==> flow/design.v <==
module core_mplex_mod (CLK, rst_i, valid, ch0_in, ch1_in, ch2_in, ch3_in, ch4_in, ch5_in, ch6_in, ch7_in, ch8_in, ch9_in, ch10_in, ch11_in, select_in, out_out);
  parameter integer XLEN = 2;
  input CLK;
  input rst_i;
  input valid;
  input [XLEN-1:0] ch0_in;
  input [XLEN-1:0] ch1_in;
  input [XLEN-1:0] ch2_in;
  input [XLEN-1:0] ch3_in;
  input [XLEN-1:0] ch4_in;
  input [XLEN-1:0] ch5_in;
  input [XLEN-1:0] ch6_in;
  input [XLEN-1:0] ch7_in;
  input [XLEN-1:0] ch8_in;
  input [XLEN-1:0] ch9_in;
  input [XLEN-1:0] ch10_in;
  input [XLEN-1:0] ch11_in;
  input [3:0] select_in;
  output [XLEN-1:0] out_out;
  reg [XLEN-1:0] ch0_q;
  reg [XLEN-1:0] ch1_q;
  reg [XLEN-1:0] ch2_q;
  reg [XLEN-1:0] ch3_q;
  reg [XLEN-1:0] ch4_q;
  reg [XLEN-1:0] ch5_q;
  reg [XLEN-1:0] ch6_q;
  reg [XLEN-1:0] ch7_q;
  reg [XLEN-1:0] ch8_q;
  reg [XLEN-1:0] ch9_q;
  reg [XLEN-1:0] ch10_q;
  reg [XLEN-1:0] ch11_q;
  reg [3:0] select_q;
  reg [XLEN-1:0] t;
  always @* begin
    case (select_q)
      0: t = ch0_q;
      1: t = ch1_q;
      2: t = ch2_q;
      3: t = ch3_q;
      4: t = ch4_q;
      5: t = ch5_q;
      6: t = ch6_q;
      7: t = ch7_q;
      8: t = ch8_q;
      9: t = ch9_q;
      10: t = ch10_q;
      default: t = ch11_q;
    endcase
  end
  assign out_out = t;
  always @(posedge CLK) begin
    if (rst_i) begin
      ch0_q <= 0;
      ch1_q <= 0;
      ch2_q <= 0;
      ch3_q <= 0;
      ch4_q <= 0;
      ch5_q <= 0;
      ch6_q <= 0;
      ch7_q <= 0;
      ch8_q <= 0;
      ch9_q <= 0;
      ch10_q <= 0;
      ch11_q <= 0;
      select_q <= 0;
    end else if (valid) begin
      ch0_q <= ch0_in;
      ch1_q <= ch1_in;
      ch2_q <= ch2_in;
      ch3_q <= ch3_in;
      ch4_q <= ch4_in;
      ch5_q <= ch5_in;
      ch6_q <= ch6_in;
      ch7_q <= ch7_in;
      ch8_q <= ch8_in;
      ch9_q <= ch9_in;
      ch10_q <= ch10_in;
      ch11_q <= ch11_in;
      select_q <= select_in;
    end
  end
endmodule
Wiki page: core_mplex_mod / tool data

* From RTL to reports: core_mplex_mod *
Module core_mplex_mod in several versions that differ in "XLEN"; each step lists the members.
The file above is the member XLEN = 2. Line numbers count from 1 in each member's own file.
Operators carry their Yosys type and port widths (W data, S select, Z words).
Library cell names are shortened.
The mark n/a stands for no value.

inputs
  design top = core_mplex_mod
  clock input = CLK
  standard-cell library = sky130hd
  timing corner = tt_025C_1v80

* Members of the sweep *
Lines of each other member's file that are new or changed against the file above; lines that a member lacks are not shown.

lines new or changed
  XLEN  RTL line  text
  4     2         parameter integer XLEN = 4;
  8     2         parameter integer XLEN = 8;
  16    2         parameter integer XLEN = 16;
  20    2         parameter integer XLEN = 20;
  24    2         parameter integer XLEN = 24;
  64    2         parameter integer XLEN = 64;

* Elaborated design *
Counts by Yosys on the flattened word-level netlist (proc, flatten, opt, wreduce; memories kept). Register bits leave out memories and registers merged into their read ports (data or address); mux counts leave out enables and synchronous resets folded into registers. Print and check cells are left out. Cells with the same type and inputs are merged into one.

cells by class
  XLEN  reductions and logical operators  eq/ne operators  $lt $le $gt $ge  multiply operators  bitwise logic cells  divide/modulo/power cells  add/subtract/negate cells  shift operators  mux-type cells
  2     1                                 10               0                0                   0                    0                          0                          0                1
  4     1                                 10               0                0                   0                    0                          0                          0                1
  8     1                                 10               0                0                   0                    0                          0                          0                1
  16    1                                 10               0                0                   0                    0                          0                          0                1
  20    1                                 10               0                0                   0                    0                          0                          0                1
  24    1                                 10               0                0                   0                    0                          0                          0                1
  64    1                                 10               0                0                   0                    0                          0                          0                1

operator list
  XLEN  kind and count
  2     $pmux W2 S11: 1; $eq A4 B3 Y1 const B: 4; $eq A4 B4 Y1 const B: 3; $eq A4 B2 Y1 const B: 2; $eq A4 B1 Y1 const B: 1; $logic_not A4 Y1: 1
  4     $pmux W4 S11: 1; $eq A4 B3 Y1 const B: 4; $eq A4 B4 Y1 const B: 3; $eq A4 B2 Y1 const B: 2; $eq A4 B1 Y1 const B: 1; $logic_not A4 Y1: 1
  8     $pmux W8 S11: 1; $eq A4 B3 Y1 const B: 4; $eq A4 B4 Y1 const B: 3; $eq A4 B2 Y1 const B: 2; $eq A4 B1 Y1 const B: 1; $logic_not A4 Y1: 1
  16    $pmux W16 S11: 1; $eq A4 B3 Y1 const B: 4; $eq A4 B4 Y1 const B: 3; $eq A4 B2 Y1 const B: 2; $eq A4 B1 Y1 const B: 1; $logic_not A4 Y1: 1
  20    $pmux W20 S11: 1; $eq A4 B3 Y1 const B: 4; $eq A4 B4 Y1 const B: 3; $eq A4 B2 Y1 const B: 2; $eq A4 B1 Y1 const B: 1; $logic_not A4 Y1: 1
  24    $pmux W24 S11: 1; $eq A4 B3 Y1 const B: 4; $eq A4 B4 Y1 const B: 3; $eq A4 B2 Y1 const B: 2; $eq A4 B1 Y1 const B: 1; $logic_not A4 Y1: 1
  64    $pmux W64 S11: 1; $eq A4 B3 Y1 const B: 4; $eq A4 B4 Y1 const B: 3; $eq A4 B2 Y1 const B: 2; $eq A4 B1 Y1 const B: 1; $logic_not A4 Y1: 1

storage and ports
  XLEN  flip-flop bits (word level)  latch bits  output and inout port bits  bits of input ports  elaborated cells  RAM bits  ROM bits  word width x clocked read ports  memories kept
  2     28                           0           2                           31                   25                0         0         0                                0
  4     52                           0           4                           55                   25                0         0         0                                0
  8     100                          0           8                           103                  25                0         0         0                                0
  16    196                          0           16                          199                  25                0         0         0                                0
  20    244                          0           20                          247                  25                0         0         0                                0
  24    292                          0           24                          295                  25                0         0         0                                0
  64    772                          0           64                          775                  25                0         0         0                                0

* Logic depth *
Yosys ltp: most cells in a row. Word level: on the elaborated netlist, between registers, memories and ports. Mapped: between sequential cells and ports; inverters and the memories' decode and read muxes count.

depth
  XLEN  depth after elaboration  ABC_AREA  gate-level depth with buffers  depth with buffers taken out
  2     2                        0         5                              4
  4     2                        0         6                              4
  8     2                        0         6                              4
  16    2                        0         8                              4
  20    2                        0         8                              4
  24    2                        0         8                              5
  64    2                        0         9                              5

* Mapped cells and area *
Yosys stat after the flow's synthesis: flattened, memories mapped to cells. It holds for the ABC_AREA given above (unset counts as 0); a run with the other value may have another netlist.

cell types
  XLEN  type and count
  2     dfxtp_1: 28; mux2i_1: 32; nor2_1: 31; buf_2: 5; nand3b_1: 3; o21ai_0: 4; a22oi_1: 2; mux2_4: 1; clkbuf_8: 1; a211oi_2: 1; nand2b_1: 2; nor3b_2: 1; clkbuf_1: 3; a21oi_1: 2; nor3_1: 2; o32a_1: 1; a311oi_1: 1; o32ai_1: 1; (+10)
  4     dfxtp_1: 52; mux2i_1: 58; nor2_1: 60; buf_2: 12; nand3b_1: 6; a21oi_1: 8; o21ai_0: 8; a31oi_1: 6; nand2_1: 10; clkbuf_1: 7; o21ai_1: 5; buf_6: 2; mux4_2: 1; or3b_1: 2; a21o_1: 2; buf_8: 1; nand3_1: 3; o22ai_1: 2; (+10)
  8     dfxtp_1: 100; mux2i_1: 104; nor2_1: 111; buf_2: 17; a22o_1: 6; a22oi_1: 7; a21oi_1: 9; buf_6: 4; clkbuf_1: 12; mux2_2: 4; mux4_2: 2; a32oi_1: 5; a31oi_1: 6; nand2_1: 10; nor2b_1: 6; a221oi_2: 2; nand3b_1: 4; o21ai_0: 6; (+43)
  16    dfxtp_1: 196; mux2i_1: 210; nor2_1: 209; a22oi_1: 26; buf_2: 30; mux2_2: 10; o22ai_1: 17; clkbuf_1: 27; o32a_1: 8; buf_6: 6; a21oi_1: 13; nor2b_1: 10; buf_4: 8; o21ai_0: 12; nand2_1: 15; a32oi_1: 5; nand2b_1: 6; a221oi_1: 4; (+85)
  20    dfxtp_1: 244; mux2i_1: 264; nor2_1: 265; buf_2: 45; a22oi_1: 28; mux2_2: 15; clkbuf_1: 32; o32a_1: 10; a22o_1: 10; a21oi_1: 16; o21ai_0: 16; a221oi_1: 9; nor2b_1: 11; buf_6: 6; a32oi_1: 7; nand2_1: 15; o22ai_1: 9; o21a_1: 7; (+106)
  24    dfxtp_1: 292; mux2i_1: 321; nor2_1: 325; a22oi_1: 50; buf_2: 49; clkbuf_1: 43; mux2_2: 13; nand2_1: 32; o21ai_0: 23; a21oi_1: 20; nor2b_1: 14; a32o_1: 8; o221ai_1: 9; a221oi_1: 8; o22ai_1: 11; a31oi_1: 10; buf_4: 8; o32a_1: 6; (+75)
  64    dfxtp_1: 772; mux2i_1: 873; nor2_1: 855; a22oi_1: 114; buf_2: 124; clkbuf_1: 118; o21ai_0: 79; a21oi_1: 78; o22ai_1: 55; nand2_1: 89; a22o_1: 29; buf_6: 21; mux2_2: 19; a31oi_1: 26; buf_4: 21; a221oi_1: 17; o221ai_1: 14; o32a_1: 10; (+148)

The mark (+n) counts cells that are not listed.

synthesis totals
  XLEN  sequential part of the area (um^2)  cells in the netlist  cell area after synthesis (um^2)  buffer cells  flip-flop cells
  2     560.5                               131                   1267.5                            10            28
  4     1041.0                              255                   2361.0                            23            52
  8     2001.9                              458                   4451.8                            35            100
  16    3923.8                              897                   8744.6                            74            196
  20    4884.7                              1115                  10831.6                           90            244
  24    5845.6                              1317                  12684.7                           105           292
  64    15454.8                             3462                  33359.5                           286           772

* Worst setup path after synthesis *
OpenSTA on the mapped netlist: ideal clock, no wires. The path of least setup slack (recovery checks aside). Input and output delay are each 20% of the period. Register names are those of the netlist, which keeps one name where synthesis merged equal registers.

path after synthesis
  XLEN  kind                start point           end point                setup slack (ns)  period (ns)  path delay (ns)  stages  period reached after synthesis (ns)
  2     register to output  register select_q[0]  output port out_out[1]   0.317             1.99         1.275            5       1.673
  4     register to output  register select_q[3]  output port out_out[1]   0.301             1.89         1.211            6       1.589
  8     register to output  register select_q[2]  output port out_out[5]   0.331             2.06         1.317            6       1.729
  16    register to output  register select_q[0]  output port out_out[5]   0.352             2.21         1.416            7       1.858
  20    register to output  register select_q[0]  output port out_out[4]   0.363             2.28         1.461            7       1.917
  24    register to output  register select_q[0]  output port out_out[18]  0.378             2.36         1.510            7       1.982
  64    register to output  register select_q[2]  output port out_out[7]   0.400             2.49         1.592            8       2.09

"path delay" = arrival - input delay + setup time.
A path that ends at an output port has no setup time.
"stages" counts driving pins, that of a launching flip-flop among them; a cell with two outputs on the path counts twice.
"period reached after synthesis" = period - worst setup slack (recovery checks aside). The figure is calculated, with input and output delays left at 20% of the set period.
Between the ends stands the longest chain of elaborated cells between them, by number of cells; it is not shown to be the way that was timed. Of several equally long chains one is given.
A line is the first line of the expression or statement that the cell stems from. Yosys adds cells for indexed reads and writes and turns some case tables into memories.

between the ends, after synthesis, XLEN = 2
  cells in the longest elaborated chain = 2

ends and longest elaborated chain, after synthesis, XLEN = 2
  item                RTL line  text
  start: declaration  32        reg [3:0] select_q;
  start: assignment   65        select_q <= 0;
  start: assignment   79        select_q <= select_in;
  $eq A4 B4 Y1        35        case (select_q)
  $pmux W2 S11        35
  end: declaration    19        output [XLEN-1:0] out_out;

between the ends, after synthesis, XLEN = 64
  cells in the longest elaborated chain = 2

ends and longest elaborated chain, after synthesis, XLEN = 64
  item                RTL line  text
  start: declaration  32        reg [3:0] select_q;
  start: assignment   65        select_q <= 0;
  start: assignment   79        select_q <= select_in;
  $eq A4 B4 Y1        35        case (select_q)
  $pmux W64 S11       35
  end: declaration    19        output [XLEN-1:0] out_out;

* Path in the finished layout *
From the final timing report of each member's run: the path of least setup slack in the routed layout; clock arrival at registers is part of the times.

path post-layout
  XLEN  kind                start point           end point                setup slack (ns)  period (ns)  stages  arrival (ns)  buffers on the path
  2     register to output  register select_q[0]  output port out_out[1]   -0.09             1.99         6       1.68          1
  4     register to output  register select_q[3]  output port out_out[2]   -0.22             1.89         6       1.73          2
  8     register to output  register select_q[1]  output port out_out[3]   -0.33             2.06         8       1.97          3
  16    register to output  register select_q[0]  output port out_out[12]  -0.39             2.21         7       2.15          2
  20    register to output  register select_q[1]  output port out_out[2]   -0.57             2.28         9       2.40          4
  24    register to output  register select_q[0]  output port out_out[18]  -0.59             2.36         9       2.47          4
  64    register to output  register select_q[2]  output port out_out[54]  -0.57             2.49         12      2.56          7

* Measured runs *
One run of the flow (Yosys, OpenROAD) for each member, with settings and measured results. Input and output delays are each 20% of the period that was set; the output load is 0.01 pF.

settings
  CAP_MARGIN = 20
  CORE_MARGIN = 2
  CORE_UTILIZATION = 40
  SLEW_MARGIN = 20

settings by member
  XLEN  period_ns
  2     1.99
  4     1.89
  8     2.06
  16    2.21
  20    2.28
  24    2.36
  64    2.49

measured results
  XLEN  clock period reached (ns)  total power after layout (µW)  worst setup slack after layout (ns)  summed negative setup slack (ns)  synthesized cell area (um^2)  post-route worst hold slack (ns)  post-layout utilization (%)  total die area (um^2)  standard-cell area after layout (um^2)
  2     2.083                      1059                           -0.093                               -0.140                            1267.5                        0.508                             56.6                         3634.9                 1714.1
  4     2.112                      2309                           -0.222                               -0.688                            2361.0                        0.500                             58.2                         6532.7                 3265.6
  8     2.385                      4233                           -0.325                               -1.976                            4451.8                        0.506                             60.9                         11989.2                6600.1
  16    2.595                      8706                           -0.385                               -5.159                            8744.6                        0.424                             59.7                         23059.9                12902.4
  20    2.854                      11135                          -0.574                               -9.284                            10831.6                       0.330                             61.5                         28410.8                16473.3
  24    2.947                      12865                          -0.587                               -11.544                           12684.7                       0.304                             64.3                         33151.3                20170.6
  64    3.056                      33884                          -0.566                               -30.718                           33359.5                       0.197                             63.3                         85726.0                52162.5

"clock period reached" is the run's clock period less its worst setup slack. It is reckoned from that one timing run; input and output delays stay at 20% of the period that was set.
"total power after layout" rests on the timing tool's default activity at the inputs, not on a simulated workload.
